==> flow/design.v <==
module dp_mplex #(
   parameter int DATA_WIDTH = 2
) (
   input logic aclk,
   input logic resetn,
   input logic [DATA_WIDTH-1:0] src0,
   input logic [DATA_WIDTH-1:0] src1,
   input logic [DATA_WIDTH-1:0] src2,
   input logic [DATA_WIDTH-1:0] src3,
   input logic [DATA_WIDTH-1:0] src4,
   input logic [3:0] s,
   output logic [DATA_WIDTH-1:0] data_out
);
   logic [DATA_WIDTH-1:0] src0_r;
   logic [DATA_WIDTH-1:0] src1_r;
   logic [DATA_WIDTH-1:0] src2_r;
   logic [DATA_WIDTH-1:0] src3_r;
   logic [DATA_WIDTH-1:0] src4_r;
   logic [3:0] s_r;
   always_ff @(posedge aclk) begin
      if (~resetn) begin
         src0_r <= 0;
         src1_r <= 0;
         src2_r <= 0;
         src3_r <= 0;
         src4_r <= 0;
         s_r <= 0;
      end else begin
         src0_r <= src0;
         src1_r <= src1;
         src2_r <= src2;
         src3_r <= src3;
         src4_r <= src4;
         s_r <= s;
      end
   end
   logic [DATA_WIDTH-1:0] work;
   always_comb begin
      casez (s_r)
         4'b???1: work = src0_r;
         4'b??10: work = src1_r;
         4'b?100: work = src2_r;
         4'b1000: work = src3_r;
         default: work = src4_r;
      endcase
   end
   always_ff @(posedge aclk) begin
      if (~resetn) begin
         data_out <= 0;
      end else begin
         data_out <= work;
      end
   end
endmodule
Reports on dp_mplex
The steps from the RTL of dp_mplex to its reports follow in flow order.
Line numbers count from 1 in the design file above.
Operators carry their Yosys type and port widths (W data, S select, Z words).
Cell names lack the library's common part.
Not given: -

set-up
  top = dp_mplex
  clock input = aclk
  cell library = sky130hd
  library corner = tt_025C_1v80

Word level
Source: Yosys, flattened and elaborated, memories not mapped. Widths are those after wreduce; folded enables and synchronous resets count as part of the registers. Registers that Yosys merges into a memory's read port (data or address) are not register bits. Print and check cells do not count. Equal cells are merged and count once.

storage and ports
  input port bits = 16
  word width x clocked read ports = 0
  output and inout bits = 2
  bits in latches = 0
  word-level cells = 11
  memory cells = 0
  bits in read-only memories = 0
  memory bits (writable) = 0
  register bits after elaboration = 16

operators by class
  reductions and logical operators = 0
  mux-type cells = 1
  multipliers = 0
  div/mod/pow operators = 0
  bitwise logic cells = 0
  equal/unequal tests = 3
  $add $sub $neg = 0
  magnitude comparators = 0
  shifts and indexed selects = 0

operators with widths
  operator              number
  $pmux W2 S4           1
  $eq A4 B4 Y1 const B  1
  $eq A3 B3 Y1 const B  1
  $eq A2 B2 Y1 const B  1

Longest topological paths
Yosys ltp: most cells in a row. Word level: on the elaborated netlist, between registers, memories and ports. Mapped: between sequential cells and ports; inverters and the memories' decode and read muxes count.

depth
  depth after elaboration = 2
  ABC_AREA = 0
  depth in mapped cells = 3
  gate-level depth less buffers = 3

After synthesis
The flow's flattened synthesis, as Yosys stat reports it; memories are mapped. The netlist is that of the ABC_AREA named above (0 if unset); the other value can give another one.
Totals and module areas in this step are rounded.

cell types
  cell      number  area in all (µm²)
  dfxtp_1   16      320.307
  and2_1    15      93.84
  o221ai_2  1       15.014
  a31oi_1   2       12.512
  or4_4     1       11.261
  a21oi_1   2       10.01
  nor4bb_1  1       10.01
  nand3b_1  1       7.507
  nand2b_1  1       6.256
  nand4_1   1       6.256
  nor3_1    1       5.005
  o21ai_0   1       5.005
  o21ai_1   1       5.005
  clkbuf_1  1       3.754
  inv_1     1       3.754
  nand2_1   1       3.754
  nor2_1    1       3.754

synthesis totals
  cell area after synthesis = 523.0 µm²
  flip-flop cells = 16
  mapped cells = 48
  buffer cells = 1
  sequential area = 320.3 µm²

Timing after synthesis
OpenSTA on the mapped netlist: ideal clock, no wires. The path of least setup slack (recovery checks aside). Input and output delay are each 20% of the period. Register names are those of the netlist, which keeps one name where synthesis merged equal registers.

timing post-synthesis
  kind = register -> register
  start = register s_r[2]
  end = register data_out[1]
  buffers on the path = 0
  driving pins on the path = 4
  period = 1.43 ns
  slack = 0.288 ns
  library setup time = 0.122 ns
  delay of the path = 1.142 ns
  arrival = 1.020 ns
  synthesis period reached = 1.142 ns

"delay of the path" = arrival - input delay + setup time.
"driving pins on the path": output pins that drive a net of the path, with the launching flip-flop's if there is one; two outputs of one cell count as two.
"synthesis period reached" is the clock period less the worst setup slack; recovery checks do not enter. This is arithmetic on one report: input and output delays are still those of the set period (20% each).
Between the ends stands the longest chain of elaborated cells between them, by number of cells; it is not shown to be the way that was timed. Of several equally long chains one is given.
A line is the first line of the expression or statement that the cell stems from. Yosys adds cells for indexed reads and writes and turns some case tables into memories.

on the way, post-synthesis
  cell sequence = dfxtp_1 > or4_4 > o221ai_2 > a31oi_1
  cells in the longest elaborated chain = 2

ends and longest elaborated chain, post-synthesis
  item           line  text
  from (decl)    19    logic [3:0] s_r;
  from (assign)  27    s_r <= 0;
  from (assign)  34    s_r <= s;
  $eq A4 B4 Y1   39    casez (s_r)
  $pmux W2 S4    39
  to (assign)    49    data_out <= 0;
  to (assign)    51    data_out <= work;
  to (decl)      12    output logic [DATA_WIDTH-1:0] data_out

Timing after layout
Path of least setup slack in the final report of run 1 (OpenROAD, finished layout, wires in). Where an end is a register, its clock arrival counts in the times.

timing post-layout
  kind = register -> output
  start = register data_out[1]
  end = output port data_out[1]
  slack = 0.03 ns
  arrival = 1.11 ns
  output delay = 0.29 ns
  buffers on the path = 1
  driving pins on the path = 2
  period = 1.43 ns

on the way, post-layout
  cell sequence = dfxtp_1 > clkdlybuf4s50_1
  cells in the longest elaborated chain = 0

ends and longest elaborated chain, post-layout
  item           line  text
  from (decl)    12    output logic [DATA_WIDTH-1:0] data_out
  from (assign)  49    data_out <= 0;
  from (assign)  51    data_out <= work;
  to (decl)      12

==> runs of dp_mplex <==
Measured data: module dp_mplex, platform sky130hd, 3 stored runs of the flow under differing settings, order arbitrary. Input and output delays are each 20% of the period that was set; the output load is 0.01 pF.
"achieved clock period" is the run's clock period less its worst setup slack. It is reckoned from that one timing run; input and output delays stay at 20% of the period that was set.
By "worst setup path time" is meant the share of the clock period that the worst setup path is allowed (20% is reserved at inputs, 20% at outputs), minus its slack. Clock arrival times at its registers enter into it.
"power" is the tool's figure for a default switching activity; nothing was simulated.
Results are given in rounded form.

Run 1
==> flow/run.sh <==
#!/bin/bash
# the make line also repeats the synthesis and layout settings of config.mk as NAME=value (left out here)
make -C /OpenROAD-flow-scripts/flow DESIGN_CONFIG=/design/flow/config.mk WORK_HOME=/design/flow/orfs CLKGATE_MAP_FILE= finish
==> flow/config.mk <==
export PLATFORM = sky130hd
export DESIGN_NAME = dp_mplex
export DESIGN_NICKNAME = dp_mplex
export VERILOG_FILES = /design/flow/design.v
export SDC_FILE = /design/flow/constraint.sdc
export NUM_CORES = 4
export LEC_CHECK = 0
export CAP_MARGIN = 20
export CORE_MARGIN = 2
export CORE_UTILIZATION = 40
export SLEW_MARGIN = 20
==> flow/constraint.sdc <==
create_clock -name core_clock -period 1.43 [get_ports {aclk}]
set_input_delay 0.2860 -clock core_clock [delete_from_list [all_inputs] [get_ports {aclk}]]
set_output_delay 0.2860 -clock core_clock [all_outputs]
set_load 0.01 [all_outputs]

==> results of run 1 <==
chip area after synthesis (Yosys): 523.0 µm²
die area: 1,613 µm²
standard-cell area of the final layout: 754.5 µm²
utilization: 60.2 %
worst setup slack after layout: 0.034 ns
total negative slack: 0.000 ns
worst hold slack: 0.465 ns
power: 865 µW
achieved clock period: 1.396 ns
worst setup path time: 1.11 ns
worst setup path kind: register -> output

Run 2
==> flow/run.sh <==
#!/bin/bash
# the make line also repeats the synthesis and layout settings of config.mk as NAME=value (left out here)
make -C /OpenROAD-flow-scripts/flow DESIGN_CONFIG=/design/flow/config.mk WORK_HOME=/design/flow/orfs CLKGATE_MAP_FILE= finish
==> flow/config.mk <==
export PLATFORM = sky130hd
export DESIGN_NAME = dp_mplex
export DESIGN_NICKNAME = dp_mplex
export VERILOG_FILES = /design/flow/design.v
export SDC_FILE = /design/flow/constraint.sdc
export NUM_CORES = 4
export LEC_CHECK = 0
export ABC_AREA = 0
export CAP_MARGIN = 5
export CELL_PAD_IN_SITES_DETAIL_PLACEMENT = 2
export CORE_ASPECT_RATIO = 1.06
export CORE_MARGIN = 10
export CORE_UTILIZATION = 28
export CTS_CLUSTER_SIZE = 10
export GPL_TIMING_DRIVEN = 0
export MAX_ROUTING_LAYER = met5
export MIN_ROUTING_LAYER = met1
export PLACE_DENSITY = 0.39
export SLEW_MARGIN = 35
export TNS_END_PERCENT = 50
==> flow/constraint.sdc <==
create_clock -name core_clock -period 1.04 [get_ports {aclk}]
set_input_delay 0.2080 -clock core_clock [delete_from_list [all_inputs] [get_ports {aclk}]]
set_output_delay 0.2080 -clock core_clock [all_outputs]
set_load 0.01 [all_outputs]

==> results of run 2 <==
chip area after synthesis (Yosys): 523.0 µm²
die area: 3,997 µm²
standard-cell area of the final layout: 759.5 µm²
utilization: 42.2 %
worst setup slack after layout: -0.153 ns
total negative slack: -0.295 ns
worst hold slack: 0.298 ns
power: 1,113 µW
achieved clock period: 1.193 ns
worst setup path time: 1.19 ns
worst setup path kind: register -> register

Run 3
==> flow/run.sh <==
#!/bin/bash
# the make line also repeats the synthesis and layout settings of config.mk as NAME=value (left out here)
make -C /OpenROAD-flow-scripts/flow DESIGN_CONFIG=/design/flow/config.mk WORK_HOME=/design/flow/orfs CLKGATE_MAP_FILE= finish
==> flow/config.mk <==
export PLATFORM = sky130hd
export DESIGN_NAME = dp_mplex
export DESIGN_NICKNAME = dp_mplex
export VERILOG_FILES = /design/flow/design.v
export SDC_FILE = /design/flow/constraint.sdc
export NUM_CORES = 4
export LEC_CHECK = 0
export CAP_MARGIN = 0
export CORE_MARGIN = 9
export CORE_UTILIZATION = 27
export CTS_CLUSTER_DIAMETER = 231
export GPL_ROUTABILITY_DRIVEN = 0
export MAX_ROUTING_LAYER = met4
export PLACE_DENSITY_LB_ADDON = 0.25
export SLEW_MARGIN = 20
export TNS_END_PERCENT = 45
==> flow/constraint.sdc <==
create_clock -name core_clock -period 1.41 [get_ports {aclk}]
set_input_delay 0.2820 -clock core_clock [delete_from_list [all_inputs] [get_ports {aclk}]]
set_output_delay 0.2820 -clock core_clock [all_outputs]
set_load 0.01 [all_outputs]

==> results of run 3 <==
chip area after synthesis (Yosys): 523.0 µm²
die area: 3,845 µm²
standard-cell area of the final layout: 759.5 µm²
utilization: 42.6 %
worst setup slack after layout: 0.195 ns
total negative slack: 0.000 ns
worst hold slack: 0.467 ns
power: 812 µW
achieved clock period: 1.215 ns
worst setup path time: 1.22 ns
worst setup path kind: register -> register
